==> flow/design.v <==
module mul_unit #(
   parameter BITS = 56,
   parameter K = 10
) (
   input  wire ck,
   input  wire i_rst,
   input  wire en,
   input  wire [BITS-1:0] da,
   input  wire [K-1:0] db,
   output wire [BITS+K-1:0] res
);
   reg [BITS+K-1:0] res_s;
   always @(posedge ck or posedge i_rst) begin
      if (i_rst) begin
         res_s <= 0;
      end else if (en) begin
         res_s <= da * db;
      end
   end
   assign res = res_s;
endmodule
======== Step by step through the tools: mul_unit ========
The steps from the RTL of mul_unit to its reports follow in flow order.
Line numbers count from 1 in the design file above.
Library cell names are shortened.
Not given: -
inputs
  design top .............................. mul_unit
  clock port .............................. ck
  standard-cell library ................... sky130hd
  corner .................................. tt_025C_1v80

======== Elaborated design ========
Yosys after proc, flatten, opt, wreduce and memory -nomap, before mapping. Enables and synchronous resets that opt folds into registers are not counted as muxes. Memory bits, and registers merged into a memory's read port (data or address), are not among the register bits. Print and check cells are not counted. Equal cells are merged and count once.
word-level totals
  output and inout bits ................... 66
  register bits ........................... 66
  input port bits ......................... 69
  word-level cells ........................ 2
cells by class
  $mul .................................... 1
operators by type and width
  cell                          count
  multiplier 56 x 10 -> 66 bit  1

======== Logic depth ========
Longest topological path by Yosys (ltp), each cell counted once; first at word level (registers and memories cut), then after technology mapping (sequential cells cut; the memories' decode and read muxes count).
depth
  depth in word-level cells ............... 1
  ABC_AREA ................................ 0
  mapped depth ............................ 23
  mapped depth without buffers ............ 21

======== After synthesis ========
Source: synth_stat.txt of the flow (Yosys; design flattened, memories mapped). It holds for the ABC_AREA given above (unset counts as 0); a run with the other value may have another netlist.
mapped netlist
  cells in the netlist .................... 2216
  sequential area ......................... 1651.6 um^2
  mapped area ............................. 19985.4 um^2
  buffers ................................. 148
  mapped flip-flops ....................... 66
cells by type
  type      count  area in all (um^2)
  fa_1      430    8.61E+03
  and2_1    317    1.98E+03
  dfrtp_1   66     1.65E+03
  inv_1     363    1.36E+03
  ha_1      101    1.26E+03
  nand2_1   306    1.15E+03
  mux2_2    50     563.04
  clkbuf_1  128    480.461
  a21oi_1   74     370.355
  xnor2_1   39     341.578
  a21o_1    41     307.795
  o21ai_0   39     195.187
  nor2_1    46     172.666
  xor2_1    14     122.618
  o21bai_1  15     112.608
  a211oi_1  13     97.594
  nand4_1   15     93.84
  nand3_1   14     70.067
Other cell types: 51; their cells: 145.

======== Path before layout ========
OpenSTA on the mapped netlist: ideal clock, no wires. The path of least setup slack (recovery checks aside). Input and output delay are each 20% of the period. Register names are those of the netlist, which keeps one name where synthesis merged equal registers.
timing path post-synthesis
  kind .................................... input-to-reg
  from .................................... input port db[1]
  to ...................................... register res_s[62]
  path buffers ............................ 2
  period .................................. 8.93 ns
  required time ........................... 8.861 ns
  path delay .............................. 5.714 ns
  library setup time ...................... 0.069 ns
  stages .................................. 23
  time at the first pin ................... 1.786 ns
  arrival ................................. 7.431 ns
  external input delay .................... 1.786 ns
  setup slack ............................. 1.429 ns
  period reached after synthesis .......... 7.501 ns
"path delay" = arrival - input delay + setup time.
"stages": output pins that drive a net of the path, with the launching flip-flop's if there is one; two outputs of one cell count as two.
"period reached after synthesis" is the clock period less the worst setup slack; recovery checks do not enter. This is arithmetic on one report: input and output delays are still those of the set period (20% each).
The rows between start and end are the longest chain of elaborated cells between them; the timing report does not say that the signal goes this way. Where chains are equally long, one stands for them.
Each line given opens the expression or statement behind the cell; cells for indexed reads and writes are added by Yosys, which also makes memories of some case tables.
on the way, post-synthesis
  cell sequence ........................... clkbuf_1 clkbuf_1 nand2_1 fa_1 inv_1 fa_1 inv_1 fa_1 inv_1 fa_1 inv_1 fa_1 inv_1 ha_1 o21ai_1 nor4_2 a21oi_1 and4_4 or3b_4 a31oi_4 a2111oi_2 or4_1 nand3_1
  cells in the longest elaborated chain ... 1
  elaborated cells between the ends (all ways) .. 1
  source lines of those cells ............. 1
  those cells by class .................... 1 x mul
ends and longest elaborated chain, post-synthesis
  item                          line  RTL
  start, declared               9     input  wire [K-1:0] db,
  multiplier 56 x 10 -> 66 bit  17    res_s <= da * db;
  end, assigned                 15    res_s <= 0;
  end, assigned                 17
  end, declared                 12    reg [BITS+K-1:0] res_s;

======== Worst path after layout ========
Path of least setup slack in the final report of flow run 1 (OpenROAD, finished layout, wires in). Where an end is a register, its clock arrival counts in the times.
timing path post-layout
  kind .................................... input-to-reg
  from .................................... input port db[8]
  to ...................................... register res_s[65]
  setup slack ............................. 0.77 ns
  time at the first pin ................... 1.79 ns
  external input delay .................... 1.79 ns
  required time ........................... 9.14 ns
  stages .................................. 21
  library setup time ...................... 0.12 ns
  period .................................. 8.93 ns
  arrival ................................. 8.37 ns
  path buffers ............................ 3
The rows between start and end are the longest chain of elaborated cells between them; the timing report does not say that the signal goes this way. Where chains are equally long, one stands for them.
on the way, post-layout
  cell sequence ........................... clkdlybuf4s50_1 buf_4 buf_4 and2_1 fa_1 fa_1 fa_1 fa_1 inv_1 fa_1 inv_1 ha_1 a21oi_1 o21ai_0 a221o_1 a21o_1 nor3_1 a21oi_1 a21oi_1 nor3_1 or3b_1
  cells in the longest elaborated chain ... 1
  elaborated cells between the ends (all ways) .. 1
  source lines of those cells ............. 1
  those cells by class .................... 1 x mul
ends and longest elaborated chain, post-layout
  item                          line  RTL
  start, declared               9     input  wire [K-1:0] db,
  multiplier 56 x 10 -> 66 bit  17    res_s <= da * db;
  end, assigned                 15    res_s <= 0;
  end, assigned                 17
  end, declared                 12    reg [BITS+K-1:0] res_s;

==> runs of mul_unit <==
Design mul_unit on sky130hd. What follows are 3 stored runs of the flow, each under its own settings; their order means nothing. The constraints put input and output delay at 20% of the set period each and load the outputs with 0.01 pF.
"achieved clock period" is the run's clock period less its worst setup slack. It is reckoned from that one timing run; input and output delays stay at 20% of the period that was set.
"critical path time" means the part of the period allowed to the worst setup path (the constraints hold back 20% at inputs and 20% at outputs) less its slack; where the path has registers, the arrival times of their clocks count too.

---- flow run 1 ----
settings
  period_ns = 8.93
  CAP_MARGIN = 20
  CORE_MARGIN = 2
  CORE_UTILIZATION = 40
  SLEW_MARGIN = 20
results
  Yosys chip area after synthesis ......... 19985.4 um^2
  area inside the die boundary ............ 51767.6 um^2
  utilization after routing ............... 45.0 %
  setup slack of the critical path ........ 0.768 ns
  total negative slack on setup checks .... 0.000 ns
  worst hold slack in the final report .... 0.498 ns
  achieved clock period ................... 8.162 ns
  critical path time ...................... 6.38 ns
  type of the worst setup path ............ input-to-reg

---- flow run 2 ----
settings
  period_ns = 9.97
  CORE_UTILIZATION = 31
  PLACE_DENSITY_LB_ADDON = 0.14
  CELL_PAD_IN_SITES_GLOBAL_PLACEMENT = 1
  TNS_END_PERCENT = 90
  GPL_ROUTABILITY_DRIVEN = 0
  CTS_CLUSTER_SIZE = 66
  CTS_CLUSTER_DIAMETER = 57
  MAX_ROUTING_LAYER = met5
  CAP_MARGIN = 20
  CORE_MARGIN = 2
  SLEW_MARGIN = 20
results
  Yosys chip area after synthesis ......... 19985.4 um^2
  area inside the die boundary ............ 66515.0 um^2
  utilization after routing ............... 34.7 %
  setup slack of the critical path ........ 1.535 ns
  total negative slack on setup checks .... 0.000 ns
  worst hold slack in the final report .... 0.506 ns
  achieved clock period ................... 8.435 ns
  critical path time ...................... 6.44 ns
  type of the worst setup path ............ input-to-reg

---- flow run 3 ----
settings
  period_ns = 11.6
  CORE_UTILIZATION = 17
  PLACE_DENSITY_LB_ADDON = 0.02
  CORE_MARGIN = 6
  CELL_PAD_IN_SITES_DETAIL_PLACEMENT = 2
  CTS_CLUSTER_SIZE = 64
  CTS_CLUSTER_DIAMETER = 29
  CAP_MARGIN = 0
  MIN_ROUTING_LAYER = met2
  SLEW_MARGIN = 20
results
  Yosys chip area after synthesis ......... 19985.4 um^2
  area inside the die boundary ............ 125933.0 um^2
  utilization after routing ............... 19.9 %
  setup slack of the critical path ........ 2.258 ns
  total negative slack on setup checks .... 0.000 ns
  worst hold slack in the final report .... 0.512 ns
  achieved clock period ................... 9.342 ns
  critical path time ...................... 7.02 ns
  type of the worst setup path ............ input-to-reg
